==> flow/design.v <==
module alu_storage #(
    parameter ENTRIES = 48,
    parameter XLEN = 20,
    parameter ABITS = $clog2(ENTRIES)
) (
    input  wire core_clk,
    input  wire i_rst_n,
    input  wire [ABITS-1:0] address_in,
    input  wire wr_en_in,
    input  wire [XLEN-1:0] wdata_in,
    output reg [XLEN-1:0] read_data_out
);
    reg [ABITS-1:0] r_address;
    always @(posedge core_clk or negedge i_rst_n) begin
        if (!i_rst_n) begin
            r_address <= 0;
        end else begin
            r_address <= address_in;
        end
    end
    reg r_wr_en;
    always @(posedge core_clk or negedge i_rst_n) begin
        if (!i_rst_n) begin
            r_wr_en <= 1'b0;
        end else begin
            r_wr_en <= wr_en_in;
        end
    end
    reg [XLEN-1:0] r_wdata;
    always @(posedge core_clk or negedge i_rst_n) begin
        if (!i_rst_n) begin
            r_wdata <= 0;
        end else begin
            r_wdata <= wdata_in;
        end
    end
    reg [XLEN-1:0] bank [ENTRIES-1:0];
    always @(posedge core_clk)
        if (r_wr_en) bank[r_address] <= r_wdata;
    always @(posedge core_clk or negedge i_rst_n) begin
        if (!i_rst_n) begin
            read_data_out <= 0;
        end else begin
            read_data_out <= r_wr_en ? r_wdata : bank[r_address];
        end
    end
endmodule
======== Step by step through the tools: alu_storage ========
The steps from the RTL of alu_storage to its reports follow in flow order.
Lines are those of the file above, counted from 1.
Library cell names are shortened.
Not given: -
set-up
  top ..................................... alu_storage
  clock input ............................. core_clk
  standard-cell library ................... sky130hd
  corner .................................. tt_025C_1v80

======== After elaboration ========
Source: Yosys, flattened and elaborated, memories not mapped. Widths are those after wreduce; folded enables and synchronous resets count as part of the registers. Registers that Yosys merges into a memory's read port (data or address) are not register bits. Print and check cells do not count. Equal cells are merged and count once.
Yosys's memory passes give these memory sizes; they may raise the number of words (mostly to a power of two), join words into wider ones and drop unused or constant bits.
operators by class
  $add $sub $neg .......................... 0
  multiply operators ...................... 0
  divide/modulo/power cells ............... 0
  magnitude comparators ................... 0
  eq/ne operators ......................... 0
  shifts and indexed selects .............. 0
  mux-type cells .......................... 3
  bitwise operators ....................... 0
  reduce/logical cells .................... 1
operator list
  kind               number
  2-to-1 mux 20 bit  1
  2-to-1 mux 6 bit   1
  logical NOT 1 bit  1
  2-to-1 mux 1 bit   1
storage and ports
  register bits after elaboration ......... 27
  latch bits .............................. 0
  bits in writable memories ............... 960
  memory bits (read-only) ................. 0
  word width x clocked read ports ......... 20
  memories kept ........................... 1
  input port bits ......................... 29
  output and inout bits ................... 20
  elaborated cells ........................ 8
memory list
  name  depth  width  read ports  wr ports  RTL line  text
  bank  48     20     1           1         37        reg [XLEN-1:0] bank [ENTRIES-1:0];

======== Depth ========
Yosys ltp: most cells in a row. Word level: on the elaborated netlist, between registers, memories and ports. Mapped: between sequential cells and ports; inverters and the memories' decode and read muxes count.
depth
  word-level depth ........................ 1
  ABC_AREA ................................ 1
  mapped depth ............................ 15
  gate-level depth less buffers ........... 11

======== Mapped cells and area ========
The flow's flattened synthesis, as Yosys stat reports it; memories are mapped. The netlist is that of the ABC_AREA named above (0 if unset); the other value can give another one.
mapped netlist
  cell count .............................. 4071
  cell area after synthesis ............... 42335.6 µm²
  sequential area ......................... 30003.8 µm²
  mapped flip-flops ....................... 1007
  buffers ................................. 190
cell types
  cell      number  total area (µm²)
  edfxtp_1  960     2.88E+04
  nand2_1   1677    6.29E+03
  inv_1     502     1.88E+03
  nand3_1   351     1.76E+03
  dfrtp_1   47      1.18E+03
  nor2_1    267     1E+03
  buf_2     82      410.394
  clkbuf_1  58      217.709
  buf_4     24      180.173
  nand4_1   18      112.608
  buf_1     23      86.333
  o211ai_1  8       60.058
  or2_2     9       56.304
  or2_0     8       50.048
  nor3_1    9       45.043
  buf_6     3       33.782
  nor2_4    3       33.782
  o21ai_0   6       30.029
Not listed: further types 7, cells in them 16.

======== Worst setup path after synthesis ========
OpenSTA on the mapped netlist: ideal clock, no wires. The path of least setup slack (recovery checks aside). Input and output delay are each 20% of the period. Register names are those of the netlist, which keeps one name where synthesis merged equal registers.
timing path after synthesis
  path kind ............................... reg-to-reg
  from .................................... reg r_address[3]
  to ...................................... mem bank[36][0]
  period .................................. 3.94 ns
  setup time .............................. 0.449 ns
  launch time at the first pin ............ 0.000 ns
  arrival time ............................ 3.055 ns
  required time ........................... 3.491 ns
  path slack .............................. 0.437 ns
  delay of the path ....................... 3.504 ns
  driving pins on the path ................ 5
  buffers on the path ..................... 1
  synthesis period reached ................ 3.503 ns
"delay of the path" is the arrival time less input delay plus setup time.
"driving pins on the path" counts driving pins, that of a launching flip-flop among them; a cell with two outputs on the path counts twice.
"synthesis period reached" is the clock period less the worst setup slack; recovery checks do not enter. This is arithmetic on one report: input and output delays are still those of the set period (20% each).
Between the ends stands the longest chain of elaborated cells between them, by number of cells; it is not shown to be the way that was timed. Of several equally long chains one is given.
Each line given opens the expression or statement behind the cell; cells for indexed reads and writes are added by Yosys, which also makes memories of some case tables.
between the ends, after synthesis
  cells stage by stage .................... dfrtp_1 > inv_2 > clkbuf_1 > nand4_1 > nor4_1
  cells in the longest elaborated chain ... 1
  elaborated cells between the ends (all ways) .. 1
  RTL lines with such cells ............... 1
  those cells by class .................... mux (1)
ends and longest elaborated chain, after synthesis
  element           RTL line  text
  from (decl)       13        reg [ABITS-1:0] r_address;
  from (assign)     16        r_address <= 0;
  from (assign)     18        r_address <= address_in;
  2-to-1 mux 6 bit  39        if (r_wr_en) bank[r_address] <= r_wdata;
  to (decl)         37        reg [XLEN-1:0] bank [ENTRIES-1:0];

======== Path in the finished layout ========
Path of least setup slack in the final report of entry A (OpenROAD, finished layout, wires in). Where an end is a register, its clock arrival counts in the times.
timing path after layout
  path kind ............................... reg-to-reg
  from .................................... reg r_address[1]
  to ...................................... mem bank[18][3]
  period .................................. 5.78 ns
  setup time .............................. 0.33 ns
  launch time at the first pin ............ 0.74 ns
  arrival time ............................ 4.42 ns
  required time ........................... 6.16 ns
  path slack .............................. 1.74 ns
  driving pins on the path ................ 7
  buffers on the path ..................... 2
Between the ends stands the longest chain of elaborated cells between them, by number of cells; it is not shown to be the way that was timed. Of several equally long chains one is given.
between the ends, after layout
  cells stage by stage .................... dfrtp_4 > clkinv_2 > nor2_4 > buf_4 > nand3_1 > nor2_2 > buf_4
  cells in the longest elaborated chain ... 1
  elaborated cells between the ends (all ways) .. 1
  RTL lines with such cells ............... 1
  those cells by class .................... mux (1)
ends and longest elaborated chain, after layout
  element           RTL line  text
  from (decl)       13        reg [ABITS-1:0] r_address;
  from (assign)     16        r_address <= 0;
  from (assign)     18        r_address <= address_in;
  2-to-1 mux 6 bit  39        if (r_wr_en) bank[r_address] <= r_wdata;
  to (decl)         37        reg [XLEN-1:0] bank [ENTRIES-1:0];

Appendix: measured runs

3 stored runs of alu_storage in the flow (synthesis by Yosys, layout by OpenROAD, sky130hd cells), in arbitrary order. Constraints: input delay and output delay 20% of the set period each, output load 0.01 pF.
"achieved clock period": clock period set for the run, less the worst setup slack. It is reckoned from that one timing run; input and output delays stay at 20% of the period that was set.
By "critical setup path time" is meant the share of the clock period that the worst setup path is allowed (20% is reserved at inputs, 20% at outputs), minus its slack. Clock arrival times at its registers enter into it.
"overall power": no workload was simulated; the value follows from the tool's default switching activity.

---- entry A ----
settings
  period_ns = 5.78
  CORE_UTILIZATION = 30
  SETUP_SLACK_MARGIN = 0.84
  PLACE_DENSITY_LB_ADDON = 0.03
  CORE_MARGIN = 10
  CELL_PAD_IN_SITES_GLOBAL_PLACEMENT = 1
  ABC_AREA = 1
  CTS_CLUSTER_SIZE = 90
  SLEW_MARGIN = 35
  MAX_ROUTING_LAYER = met5
  CAP_MARGIN = 20
results
  overall power ........................... 0.016807 W
  total die area .......................... 156543.0 µm²
  synthesized cell area ................... 42335.6 µm²
  standard-cell area after layout ......... 49344.8 µm²
  setup slack of the worst path ........... 1.740 ns
  achieved clock period ................... 4.040 ns
  final design utilization ................ 35.3 %
  critical setup path time ................ 4.04 ns
  worst setup path kind ................... reg-to-reg

---- entry B ----
settings
  period_ns = 3.94
  CAP_MARGIN = 20
  CORE_MARGIN = 2
  CORE_UTILIZATION = 40
  SLEW_MARGIN = 20
results
  overall power ........................... 0.022832 W
  total die area .......................... 98957.4 µm²
  synthesized cell area ................... 38583.3 µm²
  standard-cell area after layout ......... 44666.6 µm²
  setup slack of the worst path ........... 0.377 ns
  achieved clock period ................... 3.563 ns
  final design utilization ................ 46.9 %
  critical setup path time ................ 3.56 ns
  worst setup path kind ................... reg-to-reg

---- entry C ----
settings
  period_ns = 2.33
  CORE_UTILIZATION = 62
  PLACE_DENSITY_LB_ADDON = 0.27
  CORE_MARGIN = 2
  TNS_END_PERCENT = 15
  GPL_TIMING_DRIVEN = 1
  GPL_ROUTABILITY_DRIVEN = 0
  CTS_CLUSTER_SIZE = 37
  SLEW_MARGIN = 25
  MIN_ROUTING_LAYER = met2
  MAX_ROUTING_LAYER = met5
  CAP_MARGIN = 20
results
  incomplete, routing halted on GRT-0232
